==> flow/design.v <==
module gen_times #(
  parameter integer DATA_WIDTH = 7,
  parameter integer GAIN = 683,
  parameter integer SUM_W = DATA_WIDTH + $clog2(GAIN + 1)
) (
  input  wire sys_clk,
  input  wire RST,
  input  wire [DATA_WIDTH-1:0] i_in0,
  output reg [SUM_W-1:0] o_m
);
  reg [SUM_W-1:0] t;
  integer i;
  always @* begin
    t = 0;
    for (i = 0; i < SUM_W - DATA_WIDTH; i = i + 1)
      if ((GAIN >> i) & 1) t = t + (i_in0 << i);
  end
  always @(posedge sys_clk) begin
    if (RST) begin
      o_m <= 0;
    end else begin
      o_m <= t;
    end
  end
endmodule
Appendix: tool output

==> From RTL to reports: gen_times <==
Module gen_times in several versions that differ in "DATA_WIDTH"; each step lists the members.
The file above is the member DATA_WIDTH=7. Line numbers count from 1 in each member's own file.
Library cell names are shortened.
{ "inputs": {"top_module": "gen_times", "clock": "sys_clk", "library": "sky130hd", "pvt_corner": "tt_025C_1v80"} }

==> Members of the sweep <==
Lines of each other member's file that are new or changed against the file above; lines that a member lacks are not shown.
{ "changed_lines": {"columns": ["DATA_WIDTH", "line_no", "text"], "rows": [
  [12, 2, "parameter integer DATA_WIDTH = 12,"],
  [16, 2, "parameter integer DATA_WIDTH = 16,"],
  [36, 2, "parameter integer DATA_WIDTH = 36,"],
  [48, 2, "parameter integer DATA_WIDTH = 48,"]
]} }

==> After elaboration <==
Source: Yosys, flattened and elaborated, memories not mapped. Widths are those after wreduce; folded enables and synchronous resets count as part of the registers. Registers that Yosys merges into a memory's read port (data or address) are not register bits. Print and check cells do not count. Equal cells are merged and count once.
{ "word_totals": {"columns": ["DATA_WIDTH", "regBits", "input_bits", "output_inout_bits", "word_cells"], "rows": [
  [7, 17, 9, 17, 6],
  [12, 22, 14, 22, 6],
  [16, 26, 18, 26, 6],
  [36, 46, 38, 46, 6],
  [48, 58, 50, 58, 6]
]} }
{ "op_classes": {"columns": ["DATA_WIDTH", "add_sub_neg"], "rows": [
  [7, 5],
  [12, 5],
  [16, 5],
  [36, 5],
  [48, 5]
]} }
{ "op_table": {"columns": ["DATA_WIDTH", "operators"], "rows": [
  [7, "15-bit by 16-bit adder with 17-bit output (1); 13-bit by 14-bit adder with 15-bit output (1); 11-bit by 12-bit adder with 13-bit output (1); 9-bit by 10-bit adder with 11-bit output (1); 7-bit by 8-bit adder with 9-bit output (1)"],
  [12, "20-bit by 21-bit adder with 22-bit output (1); 18-bit by 19-bit adder with 20-bit output (1); 16-bit by 17-bit adder with 18-bit output (1); 14-bit by 15-bit adder with 16-bit output (1); 12-bit by 13-bit adder with 14-bit output (1)"],
  [16, "24-bit by 25-bit adder with 26-bit output (1); 22-bit by 23-bit adder with 24-bit output (1); 20-bit by 21-bit adder with 22-bit output (1); 18-bit by 19-bit adder with 20-bit output (1); 16-bit by 17-bit adder with 18-bit output (1)"],
  [36, "44-bit by 45-bit adder with 46-bit output (1); 42-bit by 43-bit adder with 44-bit output (1); 40-bit by 41-bit adder with 42-bit output (1); 38-bit by 39-bit adder with 40-bit output (1); 36-bit by 37-bit adder with 38-bit output (1)"],
  [48, "56-bit by 57-bit adder with 58-bit output (1); 54-bit by 55-bit adder with 56-bit output (1); 52-bit by 53-bit adder with 54-bit output (1); 50-bit by 51-bit adder with 52-bit output (1); 48-bit by 49-bit adder with 50-bit output (1)"]
]} }

==> Depth <==
Longest topological path by Yosys (ltp), each cell counted once; first at word level (registers and memories cut), then after technology mapping (sequential cells cut; the memories' decode and read muxes count).
{ "depth": {"columns": ["DATA_WIDTH", "depth_word", "abc_area", "mapped_depth", "depth_no_buf"], "rows": [
  [7, 5, 0, 11, 11],
  [12, 5, 0, 14, 14],
  [16, 5, 0, 14, 14],
  [36, 5, 0, 16, 15],
  [48, 5, 0, 18, 17]
]} }

==> After synthesis <==
Yosys stat after the flow's synthesis: flattened, memories mapped to cells. It holds for the ABC_AREA given above (unset counts as 0); a run with the other value may have another netlist.
{ "synth_totals": {"columns": ["DATA_WIDTH", "cells", "yosys_area_um2", "seq_area_um2", "flip_flops"], "rows": [
  [7, 152, 1466.4, 340.3, 17],
  [12, 258, 2459.9, 440.4, 22],
  [16, 348, 3254.4, 520.5, 26],
  [36, 874, 7537.2, 920.9, 46],
  [48, 1105, 9656.8, 1161.1, 58]
]} }
{ "types": {"columns": ["DATA_WIDTH", "cell_types"], "rows": [
  [7, "dfxtp_1 (17); ha_1 (24); fa_1 (9); inv_1 (23); nor2b_1 (7); a211oi_2 (3); nor2_1 (10); a211oi_1 (4); a2111oi_4 (1); xor2_1 (3); nor3_1 (5); mux2_2 (2); a21oi_1 (4); a21o_2 (2); nor4b_1 (2); a21oi_4 (1); a21o_1 (2); nand2_1 (4); (+29)"],
  [12, "fa_1 (30); ha_1 (43); dfxtp_1 (22); inv_1 (47); nor2_1 (23); a21oi_1 (15); xnor2_1 (7); nor2b_1 (9); xor2_1 (5); nand2_1 (11); o21ai_0 (7); o21a_1 (4); o311ai_4 (1); a21o_1 (3); mux2_1 (2); nand4_1 (3); o21ai_2 (2); o41ai_2 (1); (+23)"],
  [16, "fa_1 (43); ha_1 (49); dfxtp_1 (26); inv_1 (83); nor2b_1 (14); a21oi_1 (15); nor2_1 (20); xnor2_1 (8); a21o_1 (9); xor2_1 (7); nand2_1 (11); o21ai_0 (8); mux2_2 (3); nor3_1 (6); a211o_1 (3); a221oi_4 (1); mux2_1 (2); a31oi_1 (3); (+37)"],
  [36, "fa_1 (123); dfxtp_1 (46); inv_1 (244); ha_1 (69); nor2_1 (72); a21oi_1 (43); a21o_1 (23); xnor2_1 (17); o21ai_0 (26); nand2_1 (33); xor2_1 (13); nand4_1 (13); nor2b_1 (13); buf_2 (12); nand3_1 (11); nor3_1 (9); o21a_1 (6); clkbuf_1 (9); (+92)"],
  [48, "fa_1 (171); inv_1 (338); dfxtp_1 (58); ha_1 (81); a21oi_1 (56); nor2_1 (68); xnor2_1 (29); a21o_1 (27); xor2_1 (20); nand2_1 (45); o21ai_0 (27); o21bai_1 (13); nor2b_1 (15); o21a_1 (11); and3_1 (13); nor3_1 (13); nand3_1 (11); a211oi_1 (7); (+102)"]
]} }
A list marked (+n) leaves out that many cells.

==> Worst setup path after synthesis <==
OpenSTA on the mapped netlist: ideal clock, no wires. The path of least setup slack (recovery checks aside). Input and output delay are each 20% of the period. Register names are those of the netlist, which keeps one name where synthesis merged equal registers.
{ "synth_path": {"columns": ["DATA_WIDTH", "kind", "startpoint", "endpoint", "period_ns", "setup_slack_ns", "path_stages", "delay_ns", "period_less_setup_slack_ns"], "rows": [
  [7, "input -> register", "input port i_in0[0]", "register o_m[14]", 3.96, 0.634, 10, 2.535, 3.326],
  [12, "input -> register", "input port i_in0[0]", "register o_m[20]", 5.27, 0.843, 12, 3.373, 4.427],
  [16, "input -> register", "input port i_in0[1]", "register o_m[25]", 5.66, 0.907, 12, 3.621, 4.753],
  [36, "input -> register", "input port i_in0[6]", "register o_m[38]", 5.95, 0.948, 16, 3.811, 5.002],
  [48, "input -> register", "input port i_in0[6]", "register o_m[48]", 6.24, 0.997, 18, 3.995, 5.243]
]} }
"delay_ns" = arrival - input delay + setup time.
"path_stages" counts driving pins, that of a launching flip-flop among them; a cell with two outputs on the path counts twice.
"period_less_setup_slack_ns" is the clock period less the worst setup slack; recovery checks do not enter. This is arithmetic on one report: input and output delays are still those of the set period (20% each).
The rows between start and end are the longest chain of elaborated cells between them; the timing report does not say that the signal goes this way. Where chains are equally long, one stands for them.
A line is the first line of the expression or statement that the cell stems from. Yosys adds cells for indexed reads and writes and turns some case tables into memories.
{ "synth_between_DATA_WIDTH_7": {"elab_chain_len": 5} }
{ "synth_lines_DATA_WIDTH_7": {"columns": ["item", "line_no", "text"], "rows": [
  ["start, declared", 8, "input  wire [DATA_WIDTH-1:0] i_in0,"],
  ["7-bit by 8-bit adder with 9-bit output", 16, "if ((GAIN >> i) & 1) t = t + (i_in0 << i);"],
  ["9-bit by 10-bit adder with 11-bit output", 16, null],
  ["11-bit by 12-bit adder with 13-bit output", 16, null],
  ["13-bit by 14-bit adder with 15-bit output", 16, null],
  ["15-bit by 16-bit adder with 17-bit output", 16, null],
  ["end, assigned", 20, "o_m <= 0;"],
  ["end, assigned", 22, "o_m <= t;"],
  ["end, declared", 9, "output reg [SUM_W-1:0] o_m"]
]} }
{ "synth_between_DATA_WIDTH_48": {"elab_chain_len": 5} }
{ "synth_lines_DATA_WIDTH_48": {"columns": ["item", "line_no", "text"], "rows": [
  ["start, declared", 8, "input  wire [DATA_WIDTH-1:0] i_in0,"],
  ["48-bit by 49-bit adder with 50-bit output", 16, "if ((GAIN >> i) & 1) t = t + (i_in0 << i);"],
  ["50-bit by 51-bit adder with 52-bit output", 16, null],
  ["52-bit by 53-bit adder with 54-bit output", 16, null],
  ["54-bit by 55-bit adder with 56-bit output", 16, null],
  ["56-bit by 57-bit adder with 58-bit output", 16, null],
  ["end, assigned", 20, "o_m <= 0;"],
  ["end, assigned", 22, "o_m <= t;"],
  ["end, declared", 9, "output reg [SUM_W-1:0] o_m"]
]} }

==> Worst path after layout <==
From the final timing report of each member's run: the path of least setup slack in the routed layout; clock arrival at registers is part of the times.
{ "layout_path": {"columns": ["DATA_WIDTH", "kind", "startpoint", "endpoint", "period_ns", "setup_slack_ns", "path_stages", "t_arrival_ns"], "rows": [
  [7, "input -> register", "input port i_in0[0]", "register o_m[15]", 3.96, 0.31, 12, 3.86],
  [12, "input -> register", "input port i_in0[8]", "register o_m[20]", 5.27, 0.39, 15, 5.05],
  [16, "input -> register", "input port i_in0[1]", "register o_m[21]", 5.66, 0.44, 13, 5.38],
  [36, "input -> register", "input port i_in0[3]", "register o_m[35]", 5.95, 0.44, 16, 5.69],
  [48, "input -> register", "input port i_in0[6]", "register o_m[31]", 6.24, 0.44, 18, 6.01]
]} }

==> Measured runs <==
One run of the flow (Yosys, OpenROAD) for each member, with settings and measured results. Input and output delays are each 20% of the period that was set; the output load is 0.01 pF.
{ "flow_settings": {"CAP_MARGIN": 20, "CORE_MARGIN": 2, "CORE_UTILIZATION": 40, "SLEW_MARGIN": 20} }
{ "settings_by_member": {"columns": ["DATA_WIDTH", "period_ns"], "rows": [
  [7, 3.96],
  [12, 5.27],
  [16, 5.66],
  [36, 5.95],
  [48, 6.24]
]} }
{ "measured": {"columns": ["DATA_WIDTH", "synthesis_area_um2", "total_die_area_um2", "utilization_pct", "setup_ws_ns", "hold_worst_slack_ns", "period_less_ws_ns"], "rows": [
  [7, 1466.4, 4166.1, 54.1, 0.312, 1.161, 3.648],
  [12, 2459.9, 6793.1, 51.1, 0.387, 1.479, 4.883],
  [16, 3254.4, 8873.6, 50.5, 0.437, 1.738, 5.223],
  [36, 7537.2, 19957.2, 48.2, 0.439, 1.563, 5.511],
  [48, 9656.8, 25400.4, 49.4, 0.438, 1.528, 5.802]
]} }
"period_less_ws_ns" means the clock period less the worst setup slack. The figure is calculated, with input and output delays left at 20% of the set period.
